==> flow/design.v <==
module ex_data_mux_mod #(
   parameter NBITS = 24
) (
   input wire clk_i,
   input wire rst_n,
   input wire [NBITS-1:0] in_d_0,
   input wire [NBITS-1:0] in_d_1,
   input wire [NBITS-1:0] in_d_2,
   input wire [NBITS-1:0] in_d_3,
   input wire [NBITS-1:0] in_d_4,
   input wire [NBITS-1:0] in_d_5,
   input wire [NBITS-1:0] in_d_6,
   input wire [5:0] in_s,
   output wire [NBITS-1:0] out_out
);
   reg [NBITS-1:0] cur;
   always @(*) begin
      casez (in_s)
         6'b?????1: cur = in_d_0;
         6'b????10: cur = in_d_1;
         6'b???100: cur = in_d_2;
         6'b??1000: cur = in_d_3;
         6'b?10000: cur = in_d_4;
         6'b100000: cur = in_d_5;
         default: cur = in_d_6;
      endcase
   end
   reg [NBITS-1:0] out_reg;
   always @(posedge clk_i) begin
      if (~rst_n) begin
         out_reg <= 0;
      end else begin
         out_reg <= cur;
      end
   end
   assign out_out = out_reg;
endmodule
## Reports on ex_data_mux_mod

The steps from the RTL of ex_data_mux_mod to its reports follow in flow order.
Lines are those of the file above, counted from 1.
Cell names lack the library's common part.
Not given: --

- Top: ex_data_mux_mod
- Clock input: clk_i
- Library: sky130hd
- Library corner: tt_025C_1v80

## After elaboration

Source: Yosys, flattened and elaborated, memories not mapped. Widths are those after wreduce; folded enables and synchronous resets count as part of the registers. Registers that Yosys merges into a memory's read port (data or address) are not register bits. Print and check cells do not count. Equal cells are merged and count once.

- Register bits: 24
- Input bits: 176
- Output and inout bits: 24
- Word-level cells: 7

- Eq/ne operators: 5
- Muxes and demuxes: 1

Operators by type and width:

| kind | count |
|---|---|
| case mux 24 bit (select 6 bit) | 1 |
| equality test 6 bit with constant B | 1 |
| equality test 5 bit with constant B | 1 |
| equality test 4 bit with constant B | 1 |
| equality test 3 bit with constant B | 1 |
| equality test 2 bit with constant B | 1 |

## Logic depth

Depth = most cells in a row (Yosys ltp): at word level without a register or memory, in the mapped netlist without a sequential cell, where the memories' decode and read muxes count.

- Word-level depth: 2
- ABC_AREA: 0
- Mapped depth: 7
- Depth with buffers taken out: 4

## After synthesis

Source: synth_stat.txt of the flow (Yosys; design flattened, memories mapped). It holds for the ABC_AREA given above (unset counts as 0); a run with the other value may have another netlist.
The area totals of this step are shown rounded.

Cell types:

| type | count | total area (µm²) |
|---|---|---|
| dfxtp_1 | 24 | 480.461 |
| a221o_1 | 24 | 240.23 |
| a222oi_1 | 23 | 230.221 |
| o21ai_0 | 45 | 225.216 |
| a31oi_1 | 24 | 150.144 |
| clkbuf_1 | 14 | 52.55 |
| buf_6 | 4 | 45.043 |
| buf_4 | 5 | 37.536 |
| nor4_4 | 1 | 21.27 |
| buf_2 | 3 | 15.014 |
| nor4b_2 | 1 | 15.014 |
| o21ai_1 | 3 | 15.014 |
| nand2_1 | 3 | 11.261 |
| and3b_1 | 1 | 8.758 |
| and2_1 | 1 | 6.256 |
| and3_1 | 1 | 6.256 |
| nor2b_1 | 1 | 6.256 |
| nand3_1 | 1 | 5.005 |

Other cell types: 2; their cells: 2.

- Mapped cells: 181
- Cell area after synthesis: 1580 µm²
- Sequential part of the area: 480 µm²
- Mapped flip-flops: 24

## Timing after synthesis

Source: OpenSTA report_checks on the synthesized netlist (no wires, ideal clock, input and output delay 20% of the period each), path of least setup slack; recovery checks are left aside. Register names are those of the netlist, which keeps one name where synthesis merged equal registers.

- Path type: input -> register
- Start point: input in_s[0]
- End point: register out_reg[10]
- Period: 1.81 ns
- Input delay: 0.362 ns
- Library setup time: 0.136 ns
- Launch time at the first pin: 0.362 ns
- Arrival: 1.382 ns
- Data required time: 1.674 ns
- Slack: 0.291 ns
- Path delay: 1.156 ns
- Stages: 7
- Path buffers: 3
- Synthesis period reached: 1.519 ns

"path delay" = arrival - input delay + setup time.
"stages" counts driving pins, that of a launching flip-flop among them; a cell with two outputs on the path counts twice.
"synthesis period reached" is the clock period less the worst setup slack; recovery checks do not enter. This is arithmetic on one report: input and output delays are still those of the set period (20% each).
The rows between start and end are the longest chain of elaborated cells between them; the timing report does not say that the signal goes this way. Where chains are equally long, one stands for them.
Each line given opens the expression or statement behind the cell; cells for indexed reads and writes are added by Yosys, which also makes memories of some case tables.

- Cells stage by stage: buf_4 nor4_4 and3b_1 buf_6 buf_6 a222oi_1 a31oi_1
- Cells in the longest elaborated chain: 2

Ends and longest elaborated chain, post-synthesis:

| item | RTL line | RTL |
|---|---|---|
| start, declared | 13 | `input wire [5:0] in_s,` |
| equality test 6 bit | 18 | `casez (in_s)` |
| case mux 24 bit (select 6 bit) | 18 |  |
| end, assigned | 31 | `out_reg <= 0;` |
| end, assigned | 33 | `out_reg <= cur;` |
| end, declared | 28 | `reg [NBITS-1:0] out_reg;` |

## Worst path after layout

From the final timing report of job 3: the path of least setup slack in the routed layout; clock arrival at registers is part of the times.

- Path type: input -> register
- Start point: input in_s[1]
- End point: register out_reg[0]
- Period: 1.12 ns
- Input delay: 0.22 ns
- Library setup time: 0.12 ns
- Launch time at the first pin: 0.22 ns
- Arrival: 1.60 ns
- Data required time: 1.27 ns
- Slack: -0.33 ns
- Stages: 7
- Path buffers: 3

The rows between start and end are the longest chain of elaborated cells between them; the timing report does not say that the signal goes this way. Where chains are equally long, one stands for them.

- Cells stage by stage: buf_8 buf_6 nor4_4 and3b_2 buf_12 a222oi_1 a31oi_1
- Cells in the longest elaborated chain: 2

Ends and longest elaborated chain, after layout:

| item | RTL line | RTL |
|---|---|---|
| start, declared | 13 | `input wire [5:0] in_s,` |
| equality test 6 bit | 18 | `casez (in_s)` |
| case mux 24 bit (select 6 bit) | 18 |  |
| end, assigned | 31 | `out_reg <= 0;` |
| end, assigned | 33 | `out_reg <= cur;` |
| end, declared | 28 | `reg [NBITS-1:0] out_reg;` |

Add stored flow runs of ex_data_mux_mod

Settings and measured results of 3 stored flow runs for module ex_data_mux_mod (sky130hd), not sorted in any way. The constraints put input and output delay at 20% of the set period each and load the outputs with 0.01 pF.
By "achieved period" is meant the clock period of the run minus its worst setup slack. This is arithmetic on one report: input and output delays are still those of the set period (20% each).
"time of the worst setup path" = time allowed to the worst setup path (clock period - input delay - output delay, where it has them) - its slack; a late launch clock adds to it, a late capture clock takes from it.
"total power of the final layout": no workload was simulated; the value follows from the tool's default switching activity.
The results are shown rounded.

### Job 1

Settings: `period_ns=1.81`, `CAP_MARGIN=20`, `CORE_MARGIN=2`, `CORE_UTILIZATION=40`, `SLEW_MARGIN=20`

Unfinished; error GPL-0301 in placement.

### Job 2

Settings: `period_ns=2.41`, `CORE_UTILIZATION=62`, `PLACE_DENSITY=0.49`, `CORE_MARGIN=3`, `TNS_END_PERCENT=20`, `ABC_AREA=1`, `GPL_TIMING_DRIVEN=1`, `GPL_ROUTABILITY_DRIVEN=0`, `CTS_CLUSTER_SIZE=29`, `CTS_CLUSTER_DIAMETER=160`, `CAP_MARGIN=20`, `SLEW_MARGIN=20`

Unfinished; error GPL-0301 in placement.

### Job 3

Settings: `period_ns=1.12`, `CORE_UTILIZATION=16`, `SETUP_SLACK_MARGIN=-0.07`, `PLACE_DENSITY_LB_ADDON=0.24`, `CELL_PAD_IN_SITES_DETAIL_PLACEMENT=2`, `TNS_END_PERCENT=70`, `GPL_TIMING_DRIVEN=1`, `MAX_ROUTING_LAYER=met5`, `CAP_MARGIN=20`, `CORE_MARGIN=2`, `SLEW_MARGIN=20`

- Chip area in the Yosys report: 1580 µm²
- Die area: 10700 µm²
- Standard-cell area after layout: 4040 µm²
- Final utilization: 41.7%
- Worst setup slack after layout: -0.329 ns
- Summed negative setup slack: -5.76 ns
- Worst hold slack after layout: 0.511 ns
- Total power of the final layout: 2950 µW
- Achieved period: 1.449 ns
- Time of the worst setup path: 1.22 ns
- Type of the worst setup path: input -> register
